==> flow/design.v <==
module gen_order #(
  parameter integer W = 56
) (
  input logic i_clk,
  input logic RSTN,
  input logic [W-1:0] src1_i,
  input logic [W-1:0] src2_i,
  output logic is_gt_o,
  output logic is_lt_o
);
  logic [W-1:0] src1_ff;
  always_ff @(posedge i_clk or negedge RSTN) begin
    if (!RSTN) begin
      src1_ff <= '0;
    end else begin
      src1_ff <= src1_i;
    end
  end
  logic [W-1:0] src2_ff;
  always_ff @(posedge i_clk or negedge RSTN) begin
    if (!RSTN) begin
      src2_ff <= '0;
    end else begin
      src2_ff <= src2_i;
    end
  end
  logic g;
  logic l;
  always_comb begin
    g = 1'b0;
    l = 1'b0;
    for (int idx = W-1; idx >= 0; idx = idx - 1) begin
      if (!g && !l) begin
        g = src1_ff[idx] & ~src2_ff[idx];
        l = ~src1_ff[idx] & src2_ff[idx];
      end
    end
  end
  assign is_gt_o = g;
  assign is_lt_o = l;
endmodule
### Step by step through the tools: gen_order

The steps from the RTL of gen_order to its reports follow in flow order.
Line numbers count from 1 in the design file above.
Operators: Yosys type, input widths -> output width; for muxes data width and select width s.
Library cell names are shortened.
Not given: --

* top: gen_order
* clock: i_clk
* cell library: sky130hd
* corner: tt_025C_1v80

### Elaborated design

Counts by Yosys on the flattened word-level netlist (proc, flatten, opt, wreduce; memories kept). Register bits leave out memories and registers merged into their read ports (data or address); mux counts leave out enables and synchronous resets folded into registers. Print and check cells are left out. Cells with the same type and inputs are merged into one.

* mux-type cells: 110
* bitwise gates (word level): 224
* reductions and logical operators: 165

Operators by type and width (number)
* $and 1x1->1: 112
* $not 1->1: 112
* $logic_not 1->1: 110
* $mux 1: 110
* $logic_and 1x1->1: 55

* output and inout bits: 2
* register bits after elaboration: 112
* input bits: 114
* cells after elaboration: 501

### Depth

Longest topological path by Yosys (ltp), each cell counted once; first at word level (registers and memories cut), then after technology mapping (sequential cells cut; the memories' decode and read muxes count).

* depth in word-level cells: 167
* ABC_AREA: 0
* mapped depth: 9
* gate-level depth less buffers: 9

### Mapped cells and area

The flow's flattened synthesis, as Yosys stat reports it; memories are mapped. The netlist is that of the ABC_AREA named above (0 if unset); the other value can give another one.
Totals and module areas in this step are rounded.

Cell types (number)
* dfrtp_1: 112
* maj3_1: 28
* nor2b_1: 29
* nand2b_1: 26
* inv_1: 32
* a21oi_1: 22
* maj3_2: 6
* nand2_1: 11
* o21ai_0: 8
* o211ai_1: 5
* o21ai_1: 7
* nor2_1: 9
* a31oi_1: 5
* o31ai_1: 4
* a2111oi_0: 3
* o221ai_1: 3
* ha_1: 2
* o21bai_1: 3

Other cell types: 23; their cells: 38.

* area of sequential cells: 2803 µm²
* chip area (Yosys): 4349 µm²
* buffers: 0
* mapped cells: 353
* flip-flop cells: 112

### Worst setup path after synthesis

Path of least setup slack by OpenSTA after synthesis, without wires, with an ideal clock, recovery checks aside; 20% of the period is set as input and as output delay. Where synthesis merged equal registers, the netlist keeps one of their names.

* kind: reg2out
* start: register src2_ff[14]
* end: output port is_lt_o
* path slack: 0.539 ns
* clock period: 3.36 ns
* time at the first pin: 0.000 ns
* stages: 9
* external output delay: 0.672 ns
* arrival time: 2.149 ns
* path delay: 2.149 ns
* period reached after synthesis: 2.821 ns

"path delay" is the arrival time less input delay plus setup time.
A path that ends at an output port has no setup time.
"stages": output pins that drive a net of the path, with the launching flip-flop's if there is one; two outputs of one cell count as two.
"period reached after synthesis" is the clock period less the worst setup slack; recovery checks do not enter. This is arithmetic on one report: input and output delays are still those of the set period (20% each).
Between the ends stands the longest chain of elaborated cells between them, by number of cells; it is not shown to be the way that was timed. Of several equally long chains one is given.
Each line given opens the expression or statement behind the cell; cells for indexed reads and writes are added by Yosys, which also makes memories of some case tables.

* cells stage by stage: dfrtp_1 -> nor2b_1 -> maj3_2 -> maj3_2 -> maj3_2 -> o41ai_2 -> o21ai_1 -> a41oi_1 -> o21ai_1
* cells in the longest elaborated chain: 45
* elaborated cells between the ends (all ways): 74
* source lines of those cells: 3
* classes of those cells: mux (29); logic (3); reduce/logical (42)

Ends and longest elaborated chain, after synthesis
* start, declared: line 19 `logic [W-1:0] src2_ff;`
* start, assigned: line 22 `src2_ff <= '0;`
* start, assigned: line 24 `src2_ff <= src2_i;`
* $not 1->1: line 34 `g = src1_ff[idx] & ~src2_ff[idx];`
* $and 1x1->1: line 34
* $mux 1: line 33 `if (!g && !l) begin`
* $logic_not 1->1: line 33
* $logic_and 1x1->1: line 33
* $mux 1: line 33
* $logic_not 1->1: line 33
* [31 not listed]
* $mux 1: line 33
* $logic_not 1->1: line 33
* $logic_and 1x1->1: line 33
* $mux 1: line 33
* $logic_not 1->1: line 33
* $logic_and 1x1->1: line 33
* $mux 1: line 33
* end, declared: line 9 `output logic is_lt_o`

### Path in the finished layout

From the final timing report of run B: the path of least setup slack in the routed layout; clock arrival at registers is part of the times.

* kind: reg2out
* start: register src2_ff[14]
* end: output port is_gt_o
* clock period: 3.36 ns
* arrival time: 2.71 ns
* time at the first pin: 0.37 ns
* path slack: -0.02 ns
* external output delay: 0.67 ns
* stages: 10

Between the ends stands the longest chain of elaborated cells between them, by number of cells; it is not shown to be the way that was timed. Of several equally long chains one is given.

* cells stage by stage: dfrtp_1 -> nor2b_4 -> maj3_2 -> maj3_2 -> maj3_2 -> o41ai_4 -> a21oi_2 -> nor4_1 -> or3_1 -> buf_6
* cells in the longest elaborated chain: 45
* elaborated cells between the ends (all ways): 74
* source lines of those cells: 3
* classes of those cells: mux (29); logic (3); reduce/logical (42)

Ends and longest elaborated chain, after layout
* start, declared: line 19 `logic [W-1:0] src2_ff;`
* start, assigned: line 22 `src2_ff <= '0;`
* start, assigned: line 24 `src2_ff <= src2_i;`
* $not 1->1: line 34 `g = src1_ff[idx] & ~src2_ff[idx];`
* $and 1x1->1: line 34
* $mux 1: line 33 `if (!g && !l) begin`
* $logic_not 1->1: line 33
* $logic_and 1x1->1: line 33
* $mux 1: line 33
* $logic_not 1->1: line 33
* [31 not listed]
* $mux 1: line 33
* $logic_not 1->1: line 33
* $logic_and 1x1->1: line 33
* $mux 1: line 33
* $logic_not 1->1: line 33
* $logic_and 1x1->1: line 33
* $mux 1: line 33
* end, declared: line 8 `output logic is_gt_o,`

==> runs of gen_order <==
Design gen_order on sky130hd. What follows are 3 stored runs of the flow, each under its own settings; their order means nothing. The constraints put input and output delay at 20% of the set period each and load the outputs with 0.01 pF.
"total power after layout": no workload was simulated; the value follows from the tool's default switching activity.
Results are given in rounded form.

### Run A

==> flow/run.sh <==
#!/bin/bash
# the make line also repeats the synthesis and layout settings of config.mk as NAME=value (left out here)
make -C /OpenROAD-flow-scripts/flow DESIGN_CONFIG=/design/flow/config.mk WORK_HOME=/design/flow/orfs CLKGATE_MAP_FILE= finish
==> flow/config.mk <==
export PLATFORM = sky130hd
export DESIGN_NAME = gen_order
export DESIGN_NICKNAME = gen_order
export VERILOG_FILES = /design/flow/design.v
export SDC_FILE = /design/flow/constraint.sdc
export NUM_CORES = 4
export LEC_CHECK = 0
export ABC_AREA = 1
export CAP_MARGIN = 35
export CELL_PAD_IN_SITES_DETAIL_PLACEMENT = 2
export CORE_MARGIN = 5
export CORE_UTILIZATION = 58
export CTS_CLUSTER_SIZE = 52
export GPL_TIMING_DRIVEN = 1
export PLACE_DENSITY_LB_ADDON = 0.21
export SETUP_SLACK_MARGIN = 0.29
export SLEW_MARGIN = 20
export TNS_END_PERCENT = 75
==> flow/constraint.sdc <==
create_clock -name core_clock -period 3.76 [get_ports {i_clk}]
set_input_delay 0.7520 -clock core_clock [delete_from_list [all_inputs] [get_ports {i_clk}]]
set_output_delay 0.7520 -clock core_clock [all_outputs]
set_load 0.01 [all_outputs]

Outcome of run A: not finished: placement ended with error DPL-0033

### Run B

==> flow/run.sh <==
#!/bin/bash
# the make line also repeats the synthesis and layout settings of config.mk as NAME=value (left out here)
make -C /OpenROAD-flow-scripts/flow DESIGN_CONFIG=/design/flow/config.mk WORK_HOME=/design/flow/orfs CLKGATE_MAP_FILE= finish
==> flow/config.mk <==
export PLATFORM = sky130hd
export DESIGN_NAME = gen_order
export DESIGN_NICKNAME = gen_order
export VERILOG_FILES = /design/flow/design.v
export SDC_FILE = /design/flow/constraint.sdc
export NUM_CORES = 4
export LEC_CHECK = 0
export CAP_MARGIN = 20
export CORE_MARGIN = 2
export CORE_UTILIZATION = 40
export SLEW_MARGIN = 20
==> flow/constraint.sdc <==
create_clock -name core_clock -period 3.36 [get_ports {i_clk}]
set_input_delay 0.6720 -clock core_clock [delete_from_list [all_inputs] [get_ports {i_clk}]]
set_output_delay 0.6720 -clock core_clock [all_outputs]
set_load 0.01 [all_outputs]

Results of run B:
- Area inside the die boundary: 11,720 µm²
- Summed negative setup slack: -0.024 ns
- Worst setup slack after layout: -0.024 ns
- Standard-cell area of the final layout: 6,040 µm²
- Utilization: 56.2 %
- Total power after layout: 2,558 µW
- Netlist area reported by Yosys: 4,349 µm²

### Run C

==> flow/run.sh <==
#!/bin/bash
# the make line also repeats the synthesis and layout settings of config.mk as NAME=value (left out here)
make -C /OpenROAD-flow-scripts/flow DESIGN_CONFIG=/design/flow/config.mk WORK_HOME=/design/flow/orfs CLKGATE_MAP_FILE= finish
==> flow/config.mk <==
export PLATFORM = sky130hd
export DESIGN_NAME = gen_order
export DESIGN_NICKNAME = gen_order
export VERILOG_FILES = /design/flow/design.v
export SDC_FILE = /design/flow/constraint.sdc
export NUM_CORES = 4
export LEC_CHECK = 0
export CAP_MARGIN = 20
export CELL_PAD_IN_SITES_DETAIL_PLACEMENT = 1
export CELL_PAD_IN_SITES_GLOBAL_PLACEMENT = 0
export CORE_ASPECT_RATIO = 0.62
export CORE_MARGIN = 2
export CORE_UTILIZATION = 26
export GPL_TIMING_DRIVEN = 1
export MAX_ROUTING_LAYER = met4
export SETUP_SLACK_MARGIN = 0.33
export SLEW_MARGIN = 20
export TNS_END_PERCENT = 95
==> flow/constraint.sdc <==
create_clock -name core_clock -period 5.19 [get_ports {i_clk}]
set_input_delay 1.0380 -clock core_clock [delete_from_list [all_inputs] [get_ports {i_clk}]]
set_output_delay 1.0380 -clock core_clock [all_outputs]
set_load 0.01 [all_outputs]

Results of run C:
- Area inside the die boundary: 17,810 µm²
- Summed negative setup slack: 0.000 ns
- Worst setup slack after layout: 0.981 ns
- Standard-cell area of the final layout: 6,060 µm²
- Utilization: 36.8 %
- Total power after layout: 1,849 µW
- Netlist area reported by Yosys: 4,349 µm²
